==> flow/design.v <==
module core_times #(
    parameter BITS = 5,
    parameter NUM = 3,
    parameter RES_W = 2*BITS + $clog2(NUM)
) (
    input  wire clk_i,
    input  wire aresetn,
    input  wire ce,
    input  wire [NUM*BITS-1:0] in_a,
    input  wire [NUM*BITS-1:0] in_b,
    output reg [RES_W-1:0] out_m
);
    reg [NUM*BITS-1:0] a_s;
    always @(posedge clk_i or negedge aresetn) begin
        if (~aresetn) begin
            a_s <= 0;
        end else if (ce) begin
            a_s <= in_a;
        end
    end
    reg [NUM*BITS-1:0] b_s;
    always @(posedge clk_i or negedge aresetn) begin
        if (~aresetn) begin
            b_s <= 0;
        end else if (ce) begin
            b_s <= in_b;
        end
    end
    reg [RES_W-1:0] r;
    integer n;
    always @* begin
        r = 0;
        for (n = 0; n < NUM; n = n + 1)
            r = r + a_s[n*BITS +: BITS] * b_s[n*BITS +: BITS];
    end
    always @(posedge clk_i or negedge aresetn) begin
        if (~aresetn) begin
            out_m <= 0;
        end else if (ce) begin
            out_m <= r;
        end
    end
endmodule
### From RTL to reports: core_times

The steps from the RTL of core_times to its reports follow in flow order.
Line numbers count from 1 in the design file above.
Operators: Yosys type, input widths -> output width; for muxes data width and select width s.
Cell names lack the library's common part.
A cell with n/a has no value.

* design top: core_times
* clock input: clk_i
* library: sky130hd
* timing corner: tt_025C_1v80

### Elaborated design

Yosys after proc, flatten, opt, wreduce and memory -nomap, before mapping. Enables and synchronous resets that opt folds into registers are not counted as muxes. Memory bits, and registers merged into a memory's read port (data or address), are not among the register bits. Print and check cells are not counted. Equal cells are merged and count once.

* register bits: 42
* bits in latches: 0
* RAM bits: 0
* ROM bits: 0
* clocked read ports x word width: 0
* memory cells: 0

* add/sub/neg operators: 2
* multipliers: 3
* div/mod/pow operators: 0
* magnitude comparators: 0
* eq/ne operators: 0
* shifts and indexed selects: 0
* muxes and demuxes: 0
* bitwise logic cells: 0
* reduce/logical cells: 0

Operator list (number)
* $mul 5x5->10: 3
* $add 11x10->12: 1
* $add 10x10->11: 1

### Longest topological paths

Depth = most cells in a row (Yosys ltp): at word level without a register or memory, in the mapped netlist without a sequential cell, where the memories' decode and read muxes count.

* word-level depth: 3
* ABC_AREA: 0
* depth in mapped cells: 19
* gate-level depth less buffers: 19

### Netlist

The flow's flattened synthesis, as Yosys stat reports it; memories are mapped. The netlist is that of the ABC_AREA named above (0 if unset); the other value can give another one.
The area totals of this step are shown rounded.

Cells by type (number)
* fa_1: 56
* dfrtp_1: 42
* ha_1: 44
* mux2_2: 35
* and2_1: 53
* inv_1: 70
* nand2_1: 25
* o21ai_0: 7
* o21a_1: 4
* buf_2: 5
* a21oi_1: 4
* a2111oi_2: 1
* a211oi_1: 2
* a21o_1: 2
* nand3b_1: 2
* nor3_1: 3
* a211oi_2: 1
* nor2b_1: 2

Not listed: further types 22, cells in them 24.

* cells in the netlist: 382
* mapped area: 4190 um2
* mapped flip-flops: 42
* buffers: 7

### Path before layout

Source: OpenSTA report_checks on the synthesized netlist (no wires, ideal clock, input and output delay 20% of the period each), path of least setup slack; recovery checks are left aside. Register names are those of the netlist, which keeps one name where synthesis merged equal registers.

* path kind: reg2reg
* start: register b_s[0]
* end: register out_m[8]
* period: 6.12 ns
* library setup time: 0.104 ns
* launch time at the first pin: 0.000 ns
* arrival time: 4.788 ns
* data required time: 6.016 ns
* setup slack: 1.229 ns
* delay of the path: 4.892 ns
* driving pins on the path: 15
* path buffers: 0
* synthesis period reached: 4.891 ns

"delay of the path" = arrival - input delay + setup time.
"driving pins on the path" counts driving pins, that of a launching flip-flop among them; a cell with two outputs on the path counts twice.
"synthesis period reached" = period - worst setup slack (recovery checks aside). The figure is calculated, with input and output delays left at 20% of the set period.
Between the ends stands the longest chain of elaborated cells between them, by number of cells; it is not shown to be the way that was timed. Of several equally long chains one is given.
A line is the first line of the expression or statement that the cell stems from. Yosys adds cells for indexed reads and writes and turns some case tables into memories.

* cells stage by stage: dfrtp_1 > and2_1 > fa_1 > inv_1 > fa_1 > fa_1 > fa_1 > fa_1 > fa_1 > inv_1 > ha_1 > a211oi_2 > o21bai_1 > a2111o_1 > o311ai_1
* cells in the longest elaborated chain: 3
* elaborated cells on any way between the ends: 3
* those cells by class: 2 x add/sub; 1 x mul

RTL lines, path post-synthesis
* start: declaration: RTL line 21 `reg [NUM*BITS-1:0] b_s;`
* start: assignment: RTL line 24 `b_s <= 0;`
* start: assignment: RTL line 26 `b_s <= in_b;`
* $mul 5x5->10: RTL line 34 `r = r + a_s[n*BITS +: BITS] * b_s[n*BITS +: BITS];`
* $add 10x10->11: RTL line 34
* $add 11x10->12: RTL line 34
* end: assignment: RTL line 38 `out_m <= 0;`
* end: assignment: RTL line 40 `out_m <= r;`
* end: declaration: RTL line 11 `output reg [RES_W-1:0] out_m`

### Path in the finished layout

Path of least setup slack in the final report of record 1 (OpenROAD, finished layout, wires in). Where an end is a register, its clock arrival counts in the times.

* path kind: reg2reg
* start: register b_s[11]
* end: register out_m[11]
* period: 7.28 ns
* library setup time: 0.10 ns
* launch time at the first pin: 0.29 ns
* arrival time: 5.48 ns
* data required time: 7.46 ns
* setup slack: 1.98 ns
* driving pins on the path: 18
* path buffers: 0

Between the ends stands the longest chain of elaborated cells between them, by number of cells; it is not shown to be the way that was timed. Of several equally long chains one is given.

* cells stage by stage: dfrtp_1 > nand2_1 > fa_1 > fa_1 > fa_1 > inv_1 > fa_1 > fa_1 > inv_1 > fa_1 > inv_1 > ha_1 > inv_1 > fa_1 > nor2b_1 > o31a_2 > nor4_1 > o31ai_1
* cells in the longest elaborated chain: 2
* elaborated cells on any way between the ends: 2
* those cells by class: 1 x add/sub; 1 x mul

RTL lines, path post-layout
* start: declaration: RTL line 21 `reg [NUM*BITS-1:0] b_s;`
* start: assignment: RTL line 24 `b_s <= 0;`
* start: assignment: RTL line 26 `b_s <= in_b;`
* $mul 5x5->10: RTL line 34 `r = r + a_s[n*BITS +: BITS] * b_s[n*BITS +: BITS];`
* $add 11x10->12: RTL line 34
* end: assignment: RTL line 38 `out_m <= 0;`
* end: assignment: RTL line 40 `out_m <= r;`
* end: declaration: RTL line 11 `output reg [RES_W-1:0] out_m`

# Flow runs of core_times

Flow measurements of core_times on sky130hd: 3 stored runs with different settings, listed in no order. Input and output delays are each 20% of the period that was set; the output load is 0.01 pF.
"reached clock period" is the run's clock period less its worst setup slack. It is reckoned from that one timing run; input and output delays stay at 20% of the period that was set.
Measured values are rounded.

### Record 1

Settings: `period_ns=7.28`, `CORE_UTILIZATION=41`, `PLACE_DENSITY_LB_ADDON=0.2`, `CORE_ASPECT_RATIO=0.57`, `CORE_MARGIN=4`, `TNS_END_PERCENT=20`, `GPL_TIMING_DRIVEN=0`, `CTS_CLUSTER_SIZE=69`, `CAP_MARGIN=0`, `SLEW_MARGIN=10`

- Cell area after synthesis: 4190 um2
- Full die area: 12000 um2
- Standard-cell area of the final layout: 4950 um2
- Final utilization: 50.5 %
- Worst slack on setup checks: 1.98 ns
- Sum of negative setup slack: 0.000 ns
- Worst hold slack in the final report: 0.501 ns
- Reached clock period: 5.301 ns

### Record 2

Settings: `period_ns=5.89`, `CORE_UTILIZATION=42`, `PLACE_DENSITY_LB_ADDON=0.24`, `CELL_PAD_IN_SITES_DETAIL_PLACEMENT=2`, `ABC_AREA=1`, `SLEW_MARGIN=30`, `MAX_ROUTING_LAYER=met4`, `CAP_MARGIN=20`, `CORE_MARGIN=2`

- Cell area after synthesis: 4240 um2
- Full die area: 10900 um2
- Standard-cell area of the final layout: 4910 um2
- Final utilization: 50.3 %
- Worst slack on setup checks: 0.337 ns
- Sum of negative setup slack: 0.000 ns
- Worst hold slack in the final report: 0.488 ns
- Reached clock period: 5.553 ns

### Record 3

Settings: `period_ns=6.12`, `CAP_MARGIN=20`, `CORE_MARGIN=2`, `CORE_UTILIZATION=40`, `SLEW_MARGIN=20`

- Cell area after synthesis: 4190 um2
- Full die area: 11300 um2
- Standard-cell area of the final layout: 4840 um2
- Final utilization: 47.3 %
- Worst slack on setup checks: 0.870 ns
- Sum of negative setup slack: 0.000 ns
- Worst hold slack in the final report: 0.498 ns
- Reached clock period: 5.250 ns
